==> flow/design.v <==
module u_muxn_blk #(
    parameter NBITS = 24,
    parameter NIN = 3,
    parameter SEL_W = $clog2(NIN)
) (
    input  CLK,
    input  rst_n,
    input  [NIN*NBITS-1:0] in,
    input  [SEL_W-1:0] idx,
    output reg [NBITS-1:0] y
);
    always @(posedge CLK or negedge rst_n) begin
        if (!rst_n) begin
            y <= 0;
        end else begin
            y <= in[idx*NBITS +: NBITS];
        end
    end
endmodule
Tool chain data of u_muxn_blk
The steps from the RTL of u_muxn_blk to its reports follow in flow order. Line numbers count from 1 in the design file above. Operators: Yosys type, input widths -> output width; for muxes data width and select width s. Cell names lack the library's common part. The mark - stands for no value.

Top module: u_muxn_blk. Clock input: CLK. Standard-cell library: sky130hd. Timing corner: tt_025C_1v80.

After elaboration
Counts by Yosys on the flattened word-level netlist (proc, flatten, opt, wreduce; memories kept). Register bits leave out memories and registers merged into their read ports (data or address); mux counts leave out enables and synchronous resets folded into registers. Print and check cells are left out. Cells with the same type and inputs are merged into one.

Under shift operators stands 1. For $mul the number is 1.

Operators by type and width (number): $shiftx 72x8->24 (1); $mul 2x2->4 const B (1).

The figure for bits in registers is 24. Under output and inout bits stands 24.

Logic depth
Depth = most cells in a row (Yosys ltp): at word level without a register or memory, in the mapped netlist without a sequential cell, where the memories' decode and read muxes count.

The figure for word-level depth is 2. Under ABC_AREA stands 0. Under gate-level depth with buffers stands 5. The entry for mapped depth without buffers reads 2.

Netlist
Source: synth_stat.txt of the flow (Yosys; design flattened, memories mapped). It holds for the ABC_AREA given above (unset counts as 0); a run with the other value may have another netlist.

Under mapped area stands 1296.2 µm². The figure for cells in the netlist is 82. The entry for flip-flops reads 24.

Cells by type (number): dfrtp_1 (24); o2bb2ai_2 (20); mux2i_1 (24); buf_6 (5); buf_12 (2); o2bb2ai_1 (4); nor2b_4 (1); buf_2 (2).

Timing after synthesis
OpenSTA on the mapped netlist: ideal clock, no wires. The path of least setup slack (recovery checks aside). Input and output delay are each 20% of the period. Register names are those of the netlist, which keeps one name where synthesis merged equal registers.

Kind: input-to-reg. From: input port idx[1]. To: register y[10]. For clock period the number is 1.1 ns. For data arrival time the number is 0.801 ns. The figure for path delay is 0.703 ns. For library setup time the number is 0.122 ns. Slack: 0.176 ns. The entry for stages reads 5. The entry for data required time reads 0.978 ns. Time at the first pin: 0.220 ns. The figure for input delay is 0.220 ns. The figure for path buffers is 3. The figure for synthesis period reached is 0.924 ns.

"path delay" is the arrival time less input delay plus setup time. "stages": output pins that drive a net of the path, with the launching flip-flop's if there is one; two outputs of one cell count as two. "synthesis period reached" = period - worst setup slack (recovery checks aside). The figure is calculated, with input and output delays left at 20% of the set period. The rows between start and end are the longest chain of elaborated cells between them; the timing report does not say that the signal goes this way. Where chains are equally long, one stands for them. Each line given opens the expression or statement behind the cell; cells for indexed reads and writes are added by Yosys, which also makes memories of some case tables.

Cells stage by stage: buf_6 > nor2b_4 > buf_6 > buf_12 > o2bb2ai_2. Length of the longest elaborated chain: 2.

RTL lines, path post-synthesis: from (decl) (RTL line 9) `input  [SEL_W-1:0] idx,`; $mul 2x2->4 (RTL line 16) `y <= in[idx*NBITS +: NBITS];`; $shiftx 72x8->24 (RTL line 16); to (assign) (RTL line 14) `y <= 0;`; to (assign) (RTL line 16); to (decl) (RTL line 10) `output reg [NBITS-1:0] y`.

Path in the finished layout
Path of least setup slack in the final report of entry A (OpenROAD, finished layout, wires in). Where an end is a register, its clock arrival counts in the times.

Kind: reg-to-output. From: register y[23]. To: output port y[23]. Slack: 0.04 ns. For clock period the number is 1.11 ns. For data arrival time the number is 0.85 ns. The entry for data required time reads 0.89 ns. The entry for external output delay reads 0.22 ns. Time at the first pin: 0.26 ns. The entry for stages reads 2. The figure for path buffers is 1.

Cells stage by stage: dfrtp_1 > clkdlybuf4s15_1. Length of the longest elaborated chain: 0.

RTL lines, path post-layout: from (decl) (RTL line 10) `output reg [NBITS-1:0] y`; from (assign) (RTL line 14) `y <= 0;`; from (assign) (RTL line 16) `y <= in[idx*NBITS +: NBITS];`; to (decl) (RTL line 10).

## Implementation results

3 stored runs of u_muxn_blk in the flow (synthesis by Yosys, layout by OpenROAD, sky130hd cells), in arbitrary order. Constraints: input delay and output delay 20% of the set period each, output load 0.01 pF. "reached clock period": clock period set for the run, less the worst setup slack. It is reckoned from that one timing run; input and output delays stay at 20% of the period that was set. "time of the worst setup path" means the part of the period allowed to the worst setup path (the constraints hold back 20% at inputs and 20% at outputs) less its slack; where the path has registers, the arrival times of their clocks count too. "total power after layout" rests on the timing tool's default activity at the inputs, not on a simulated workload.

Entry A has these settings: period_ns 1.11; CORE_UTILIZATION 22; PLACE_DENSITY 0.72; CELL_PAD_IN_SITES_GLOBAL_PLACEMENT 2; CELL_PAD_IN_SITES_DETAIL_PLACEMENT 1; GPL_ROUTABILITY_DRIVEN 1; CTS_CLUSTER_SIZE 79; CAP_MARGIN 15; CORE_MARGIN 2; SLEW_MARGIN 20. The time of the worst setup path reads 0.85 ns. Worst setup path type: reg-to-output. The measured setup slack of the worst path is 0.038 ns. The measured die outline area is 6522.2 µm². The measured utilization of the finished layout is 0.423. The measured std-cell area (final layout) is 2374.8 µm². The summed negative setup slack comes to 0.000 ns. The total power after layout reads 0.002409 W. For the reached clock period the run shows 1.072 ns. The synthesis area comes to 1296.2 µm².

Entry B has these settings: period_ns 0.898; CORE_UTILIZATION 49; PLACE_DENSITY_LB_ADDON 0.17; CORE_ASPECT_RATIO 0.84; CORE_MARGIN 2; CELL_PAD_IN_SITES_GLOBAL_PLACEMENT 1; TNS_END_PERCENT 10; GPL_TIMING_DRIVEN 0; CTS_CLUSTER_DIAMETER 76; CAP_MARGIN 5; SLEW_MARGIN 0. Outcome: did not finish, placement stopped with FLW-0024.

Entry C has these settings: period_ns 1.1; CAP_MARGIN 20; CORE_MARGIN 2; CORE_UTILIZATION 40; SLEW_MARGIN 20. The time of the worst setup path reads 0.84 ns. Worst setup path type: reg-to-output. The measured setup slack of the worst path is 0.045 ns. The measured die outline area is 3711.9 µm². The measured utilization of the finished layout is 0.748. The measured std-cell area (final layout) is 2302.2 µm². The summed negative setup slack comes to 0.000 ns. The total power after layout reads 0.002036 W. For the reached clock period the run shows 1.055 ns. The synthesis area comes to 1296.2 µm².
